==> flow/design.v <==
module cpu_data_mux_top #(
    parameter int WD = 48
) (
    input  logic sys_clk,
    input  logic enable,
    input  logic [WD-1:0] src0,
    input  logic [WD-1:0] src1,
    input  logic [WD-1:0] src2,
    input  logic [1:0] choose,
    output logic [WD-1:0] out
);
    logic [WD-1:0] src0_ff;
    logic [WD-1:0] src1_ff;
    logic [WD-1:0] src2_ff;
    logic [1:0] choose_ff;
    always_ff @(posedge sys_clk) begin
        if (enable) begin
            src0_ff <= src0;
            src1_ff <= src1;
            src2_ff <= src2;
            choose_ff <= choose;
        end
    end
    logic [WD-1:0] val;
    assign val =
        (choose_ff == 2'd0) ? src0_ff :
        (choose_ff == 2'd1) ? src1_ff :
        src2_ff;
    assign out = val;
endmodule
# Tool chain data of cpu_data_mux_top
# Tool output for the design above, in the order of the flow.
# Lines are those of the file above, counted from 1.
# Library cell names are shortened.
# The mark n/a stands for no value.
[design]
top_module = "cpu_data_mux_top"
clock = "sys_clk"
library = "sky130hd"
pvt_corner = "tt_025C_1v80"

# Word level
# Yosys after proc, flatten, opt, wreduce and memory -nomap, before mapping. Enables and synchronous resets that opt folds into registers are not counted as muxes. Memory bits, and registers merged into a memory's read port (data or address), are not among the register bits. Print and check cells are not counted. Equal cells are merged and count once.
[word_totals]
register_bits = 146
in_bits = 148
output_inout_bits = 48
word_cells = 8
[op_classes]
n_eq = 1
mux = 2
reduce_and_logical = 1
[ops]
columns = ["op", "n"]
rows = [
  ["two-way mux 48 bit", 2],
  ["equality test 2 x 1 -> 1 bit with constant B", 1],
  ["logical NOT 2 bit", 1],
]

# Depth
# Depth = most cells in a row (Yosys ltp): at word level without a register or memory, in the mapped netlist without a sequential cell, where the memories' decode and read muxes count.
[logic_depth]
depth_word = 3
abc_area = 0
ltp_mapped = 5

# Synthesis result
# Source: synth_stat.txt of the flow (Yosys; design flattened, memories mapped). It holds for the ABC_AREA given above (unset counts as 0); a run with the other value may have another netlist.
# The area totals of this step are shown rounded.
[by_type]
columns = ["cell_type", "n"]
rows = [
  ["edfxtp_1", 146],
  ["mux2i_1", 48],
  ["nand2_1", 48],
  ["o21ai_0", 28],
  ["o21ai_1", 20],
  ["buf_12", 3],
  ["buf_6", 3],
  ["buf_2", 5],
  ["clkbuf_1", 5],
]
[synth_totals]
cell_count = 306
synth_area_um2 = 5420
seqArea_um2 = 4380
flip_flops = 146
buf_cells = 16

# Timing after synthesis
# OpenSTA on the mapped netlist: ideal clock, no wires. The path of least setup slack (recovery checks aside). Input and output delay are each 20% of the period. Register names are those of the netlist, which keeps one name where synthesis merged equal registers.
[synth_timing]
path_type = "register to output"
start = "reg (name not given)"
end = "out out[24]"
period_ns = 1.69
output_delay_ns = 0.338
t_first_pin_ns = 0.000
arrival_time_ns = 1.079
t_required_ns = 1.352
slack_ns = 0.273
delay_ns = 1.079
path_stages = 6
path_buffers = 3
period_less_setup_slack_ns = 1.417
# "delay_ns" = arrival - input delay + setup time.
# At an output port there is no setup time.
# "path_stages": output pins that drive a net of the path, with the launching flip-flop's if there is one; two outputs of one cell count as two.
# "period_less_setup_slack_ns" is the clock period less the worst setup slack; recovery checks do not enter. This is arithmetic on one report: input and output delays are still those of the set period (20% each).
# Between the ends stands the longest chain of elaborated cells between them, by number of cells; it is not shown to be the way that was timed. Of several equally long chains one is given.
# Each line given opens the expression or statement behind the cell; cells for indexed reads and writes are added by Yosys, which also makes memories of some case tables.
[synth_between]
path_cell_list = "edfxtp_1 buf_6 buf_12 buf_12 mux2i_1 o21ai_1"
elab_chain_len = 3
[synth_rtl]
columns = ["item", "line_no", "source"]
rows = [
  ["start, declared", 15, ""],
  ["start, assigned", 21, ""],
  ["equality test 2 x 1 -> 1 bit", 27, ""],
  ["two-way mux 48 bit", 27, ""],
  ["two-way mux 48 bit", 26, ""],
  ["end, declared", 10, "output logic [WD-1:0] out"],
]

# Timing after layout
# From the final timing report of run 1: the path of least setup slack in the routed layout; clock arrival at registers is part of the times.
[layout_timing]
path_type = "register to output"
start = "reg (name not given)"
end = "out out[33]"
period_ns = 1.69
output_delay_ns = 0.34
t_first_pin_ns = 0.41
arrival_time_ns = 1.69
t_required_ns = 1.35
slack_ns = -0.33
path_stages = 7
path_buffers = 4
# Between the ends stands the longest chain of elaborated cells between them, by number of cells; it is not shown to be the way that was timed. Of several equally long chains one is given.
[layout_between]
path_cell_list = "edfxtp_1 buf_6 buf_12 buf_12 mux2i_2 o21ai_1 buf_2"
elab_chain_len = 3
[layout_rtl]
columns = ["item", "line_no", "source"]
rows = [
  ["start, declared", 15, ""],
  ["start, assigned", 21, ""],
  ["equality test 2 x 1 -> 1 bit", 27, ""],
  ["two-way mux 48 bit", 27, ""],
  ["two-way mux 48 bit", 26, ""],
  ["end, declared", 10, "output logic [WD-1:0] out"],
]

Ticket comment

cpu_data_mux_top through Yosys and OpenROAD on sky130hd: 3 stored runs, unordered, with their settings and measured results. The constraints put input and output delay at 20% of the set period each and load the outputs with 0.01 pF.
"achieved_clock_period_ns": clock period set for the run, less the worst setup slack. It is reckoned from that one timing run; input and output delays stay at 20% of the period that was set.
By "worst_setup_path_time_ns" is meant the share of the clock period that the worst setup path is allowed (20% is reserved at inputs, 20% at outputs), minus its slack. Clock arrival times at its registers enter into it.
By "design_power_w" is meant OpenSTA's value without simulated activity: inputs other than the clock are taken to toggle once in ten clock periods, and the tool carries that through the logic.
Measured values are rounded.

# run 1
==> flow/run.sh <==
#!/bin/bash
# the make line also repeats the synthesis and layout settings of config.mk as NAME=value (left out here)
make -C /OpenROAD-flow-scripts/flow DESIGN_CONFIG=/design/flow/config.mk WORK_HOME=/design/flow/orfs CLKGATE_MAP_FILE= finish
==> flow/config.mk <==
export PLATFORM = sky130hd
export DESIGN_NAME = cpu_data_mux_top
export DESIGN_NICKNAME = cpu_data_mux_top
export VERILOG_FILES = /design/flow/design.v
export SDC_FILE = /design/flow/constraint.sdc
export NUM_CORES = 4
export LEC_CHECK = 0
export CAP_MARGIN = 20
export CORE_MARGIN = 2
export CORE_UTILIZATION = 40
export SLEW_MARGIN = 20
==> flow/constraint.sdc <==
create_clock -name core_clock -period 1.69 [get_ports {sys_clk}]
set_input_delay 0.3380 -clock core_clock [delete_from_list [all_inputs] [get_ports {sys_clk}]]
set_output_delay 0.3380 -clock core_clock [all_outputs]
set_load 0.01 [all_outputs]

==> run 1: results <==
design_power_w=0.00932
worstSetupSlack_ns=-0.333
holdWs_ns=0.304
post_synth_area_um2=5420
finish.utilization_frac=0.626
total_die_area_um2=14500
worst_setup_path_time_ns=1.69
path_kind="register to output"
finish.stdcell_area_um2=8290
final_setup_tns_ns=-11.7
achieved_clock_period_ns=2.023

# run 2
==> flow/run.sh <==
#!/bin/bash
# the make line also repeats the synthesis and layout settings of config.mk as NAME=value (left out here)
make -C /OpenROAD-flow-scripts/flow DESIGN_CONFIG=/design/flow/config.mk WORK_HOME=/design/flow/orfs CLKGATE_MAP_FILE= finish
==> flow/config.mk <==
export PLATFORM = sky130hd
export DESIGN_NAME = cpu_data_mux_top
export DESIGN_NICKNAME = cpu_data_mux_top
export VERILOG_FILES = /design/flow/design.v
export SDC_FILE = /design/flow/constraint.sdc
export NUM_CORES = 4
export LEC_CHECK = 0
export ABC_AREA = 0
export CAP_MARGIN = 20
export CELL_PAD_IN_SITES_GLOBAL_PLACEMENT = 3
export CORE_ASPECT_RATIO = 1.62
export CORE_MARGIN = 2
export CORE_UTILIZATION = 37
export CTS_CLUSTER_DIAMETER = 303
export GPL_ROUTABILITY_DRIVEN = 1
export MAX_ROUTING_LAYER = met5
export PLACE_DENSITY = 0.82
export SLEW_MARGIN = 20
==> flow/constraint.sdc <==
create_clock -name core_clock -period 0.881 [get_ports {sys_clk}]
set_input_delay 0.1762 -clock core_clock [delete_from_list [all_inputs] [get_ports {sys_clk}]]
set_output_delay 0.1762 -clock core_clock [all_outputs]
set_load 0.01 [all_outputs]

==> run 2: results <==
design_power_w=0.0183
worstSetupSlack_ns=-0.933
holdWs_ns=0.227
post_synth_area_um2=5420
finish.utilization_frac=0.57
total_die_area_um2=15700
worst_setup_path_time_ns=1.64
path_kind="register to output"
finish.stdcell_area_um2=8230
final_setup_tns_ns=-39.8
achieved_clock_period_ns=1.814

# run 3
==> flow/run.sh <==
#!/bin/bash
# the make line also repeats the synthesis and layout settings of config.mk as NAME=value (left out here)
make -C /OpenROAD-flow-scripts/flow DESIGN_CONFIG=/design/flow/config.mk WORK_HOME=/design/flow/orfs CLKGATE_MAP_FILE= finish
==> flow/config.mk <==
export PLATFORM = sky130hd
export DESIGN_NAME = cpu_data_mux_top
export DESIGN_NICKNAME = cpu_data_mux_top
export VERILOG_FILES = /design/flow/design.v
export SDC_FILE = /design/flow/constraint.sdc
export NUM_CORES = 4
export LEC_CHECK = 0
export ABC_AREA = 1
export CAP_MARGIN = 20
export CORE_MARGIN = 2
export CORE_UTILIZATION = 18
export CTS_CLUSTER_DIAMETER = 301
export GPL_TIMING_DRIVEN = 0
export MAX_ROUTING_LAYER = met5
export PLACE_DENSITY_LB_ADDON = 0.01
export SLEW_MARGIN = 20
==> flow/constraint.sdc <==
create_clock -name core_clock -period 2.18 [get_ports {sys_clk}]
set_input_delay 0.4360 -clock core_clock [delete_from_list [all_inputs] [get_ports {sys_clk}]]
set_output_delay 0.4360 -clock core_clock [all_outputs]
set_load 0.01 [all_outputs]

==> run 3: results <==
design_power_w=0.00763
worstSetupSlack_ns=-0.029
holdWs_ns=0.567
post_synth_area_um2=5330
finish.utilization_frac=0.314
total_die_area_um2=31000
worst_setup_path_time_ns=1.77
path_kind="register to output"
finish.stdcell_area_um2=9100
final_setup_tns_ns=-0.294
achieved_clock_period_ns=2.209
